==> flow/design.v <==
module gen_mul #(
    parameter W = 8,
    parameter K = 12
) (
    input  wire clk,
    input  wire [W-1:0] A_in,
    input  wire [K-1:0] B_in,
    output wire [W+K-1:0] m_out
);
    reg [W-1:0] A_ff;
    reg [K-1:0] B_ff;
    assign m_out = A_ff * B_ff;
    always @(posedge clk) begin
        A_ff <= A_in;
        B_ff <= B_in;
    end
endmodule
* Step by step through the tools: gen_mul
The steps from the RTL of gen_mul to its reports follow in flow order.
Lines are those of the file above, counted from 1.
Operators: Yosys type, input widths -> output width; for muxes data width and select width s.
Cell names lack the library's common part.
The mark n/a stands for no value.
- Top module :: gen_mul
- Clock input :: clk
- Standard-cell library :: sky130hd
- Timing corner :: tt_025C_1v80

* Word level
Source: Yosys, flattened and elaborated, memories not mapped. Widths are those after wreduce; folded enables and synchronous resets count as part of the registers. Registers that Yosys merges into a memory's read port (data or address) are not register bits. Print and check cells do not count. Equal cells are merged and count once.
- $mul :: 1
** Operator list (number)
- $mul 8x12->20 :: 1
- Flip-flop bits (word level) :: 20
- Input port bits :: 21
- Output and inout bits :: 20
- Word-level cells :: 3

* Logic depth
Depth = most cells in a row (Yosys ltp): at word level without a register or memory, in the mapped netlist without a sequential cell, where the memories' decode and read muxes count.
- Word-level depth :: 1
- ABC_AREA :: 0
- Depth in mapped cells :: 17
- Depth with buffers taken out :: 15

* Synthesis result
Source: synth_stat.txt of the flow (Yosys; design flattened, memories mapped). It holds for the ABC_AREA given above (unset counts as 0); a run with the other value may have another netlist.
** Cell types (number)
- fa_1 :: 60
- ha_1 :: 40
- and2_1 :: 69
- dfxtp_1 :: 20
- inv_1 :: 82
- nand2_1 :: 36
- xnor2_1 :: 12
- nor2_1 :: 13
- a21oi_1 :: 9
- a21o_1 :: 5
- clkbuf_1 :: 10
- o211ai_1 :: 4
- a2111oi_4 :: 1
- a211o_1 :: 3
- nand3_1 :: 5
- nor3_1 :: 5
- o21a_1 :: 3
- mux2i_1 :: 2
Other cell types: 20; their cells: 29.
- Mapped cells :: 408
- Chip area (Yosys) :: 3641.0 um^2
- Sequential part of the area :: 400.4 um^2
- Mapped flip-flops :: 20
- Buffers :: 10

* Worst setup path after synthesis
Path of least setup slack by OpenSTA after synthesis, without wires, with an ideal clock, recovery checks aside; 20% of the period is set as input and as output delay. Where synthesis merged equal registers, the netlist keeps one of their names.
- Path type :: register -> output
- From :: reg A_ff[7]
- To :: out m_out[16]
- Clock period :: 6.67 ns
- Data arrival time :: 4.272 ns
- Setup slack :: 1.064 ns
- Path delay :: 4.272 ns
- Stages on the path :: 16
- Buffers on the path :: 1
- Synthesis period reached :: 5.606 ns
"path delay" is the arrival time less input delay plus setup time.
At an output port there is no setup time.
"stages on the path" counts driving pins, that of a launching flip-flop among them; a cell with two outputs on the path counts twice.
"synthesis period reached" = period - worst setup slack (recovery checks aside). The figure is calculated, with input and output delays left at 20% of the set period.
The rows between start and end are the longest chain of elaborated cells between them; the timing report does not say that the signal goes this way. Where chains are equally long, one stands for them.
Each line given opens the expression or statement behind the cell; cells for indexed reads and writes are added by Yosys, which also makes memories of some case tables.
- Cells stage by stage :: dfxtp_1 clkbuf_1 nand2_1 fa_1 fa_1 inv_1 fa_1 inv_1 fa_1 inv_1 ha_1 o211a_1 a211o_1 a21oi_2 o21a_2 o311ai_1
- Cells in the longest elaborated chain :: 1
- Elaborated cells between the ends (all ways) :: 1
- Source lines of those cells :: 1
- Those cells by class :: mul: 1
** RTL lines, path after synthesis
- start, declared :: RTL line 10 : reg [W-1:0] A_ff;
- start, assigned :: RTL line 14 : A_ff <= A_in;
- $mul 8x12->20 :: RTL line 12 : assign m_out = A_ff * B_ff;
- end, declared :: RTL line 8 : output wire [W+K-1:0] m_out

* Timing after layout
From the final timing report of run 2: the path of least setup slack in the routed layout; clock arrival at registers is part of the times.
- Path type :: register -> output
- From :: reg B_ff[6]
- To :: out m_out[18]
- Clock period :: 6.67 ns
- Data arrival time :: 5.06 ns
- Setup slack :: 0.28 ns
- Stages on the path :: 17
- Buffers on the path :: 1
The rows between start and end are the longest chain of elaborated cells between them; the timing report does not say that the signal goes this way. Where chains are equally long, one stands for them.
- Cells stage by stage :: dfxtp_1 and2_1 fa_1 inv_1 fa_1 inv_1 fa_1 inv_1 fa_1 inv_1 ha_1 nand4_1 or2_2 nor3_1 mux2i_1 nand3_1 clkdlybuf4s50_1
- Cells in the longest elaborated chain :: 1
- Elaborated cells between the ends (all ways) :: 1
- Source lines of those cells :: 1
- Those cells by class :: mul: 1
** RTL lines, path post-layout
- start, declared :: RTL line 11 : reg [K-1:0] B_ff;
- start, assigned :: RTL line 15 : B_ff <= B_in;
- $mul 8x12->20 :: RTL line 12 : assign m_out = A_ff * B_ff;
- end, declared :: RTL line 8 : output wire [W+K-1:0] m_out

Memo
Re: implementation data of gen_mul

Flow measurements of gen_mul on sky130hd: 2 stored runs with different settings, listed in no order. Input and output delays are each 20% of the period that was set; the output load is 0.01 pF.
"worst path time": the worst setup path's part of the clock period (all of it between registers, 20% less for each end at a port) less its slack. A launch clock that arrives late makes it longer, a capture clock that arrives late makes it shorter.
"total power after layout" is the tool's figure for a default switching activity; nothing was simulated.

* Run 1
** Files
==> flow/run.sh <==
#!/bin/bash
# the make line also repeats the synthesis and layout settings of config.mk as NAME=value (left out here)
make -C /OpenROAD-flow-scripts/flow DESIGN_CONFIG=/design/flow/config.mk WORK_HOME=/design/flow/orfs CLKGATE_MAP_FILE= finish
==> flow/config.mk <==
export PLATFORM = sky130hd
export DESIGN_NAME = gen_mul
export DESIGN_NICKNAME = gen_mul
export VERILOG_FILES = /design/flow/design.v
export SDC_FILE = /design/flow/constraint.sdc
export NUM_CORES = 4
export LEC_CHECK = 0
export CAP_MARGIN = 20
export CELL_PAD_IN_SITES_GLOBAL_PLACEMENT = 3
export CORE_ASPECT_RATIO = 0.99
export CORE_MARGIN = 4
export CORE_UTILIZATION = 62
export CTS_CLUSTER_SIZE = 36
export MIN_ROUTING_LAYER = met1
export PLACE_DENSITY_LB_ADDON = 0.19
export SETUP_SLACK_MARGIN = -0.28
export SLEW_MARGIN = 10
==> flow/constraint.sdc <==
create_clock -name core_clock -period 4.25 [get_ports {clk}]
set_input_delay 0.8500 -clock core_clock [delete_from_list [all_inputs] [get_ports {clk}]]
set_output_delay 0.8500 -clock core_clock [all_outputs]
set_load 0.01 [all_outputs]
** Results
Stopped before the end: placement reported FLW-0024.

* Run 2
** Files
==> flow/run.sh <==
#!/bin/bash
# the make line also repeats the synthesis and layout settings of config.mk as NAME=value (left out here)
make -C /OpenROAD-flow-scripts/flow DESIGN_CONFIG=/design/flow/config.mk WORK_HOME=/design/flow/orfs CLKGATE_MAP_FILE= finish
==> flow/config.mk <==
export PLATFORM = sky130hd
export DESIGN_NAME = gen_mul
export DESIGN_NICKNAME = gen_mul
export VERILOG_FILES = /design/flow/design.v
export SDC_FILE = /design/flow/constraint.sdc
export NUM_CORES = 4
export LEC_CHECK = 0
export CAP_MARGIN = 20
export CORE_MARGIN = 2
export CORE_UTILIZATION = 40
export SLEW_MARGIN = 20
==> flow/constraint.sdc <==
create_clock -name core_clock -period 6.67 [get_ports {clk}]
set_input_delay 1.3340 -clock core_clock [delete_from_list [all_inputs] [get_ports {clk}]]
set_output_delay 1.3340 -clock core_clock [all_outputs]
set_load 0.01 [all_outputs]
** Results
- Worst slack on setup checks :: 0.278 ns
- Total power after layout :: 1,606 µW
- Die area :: 9,881.4 um^2
- Post-route utilization :: 0.479
- Standard-cell area of the final layout :: 4,196.5 um^2
- Post-route worst hold slack :: 1.516 ns
- Worst path time :: 5.06 ns
- Worst path kind :: register -> output
- Chip area in the Yosys report :: 3,641.0 um^2
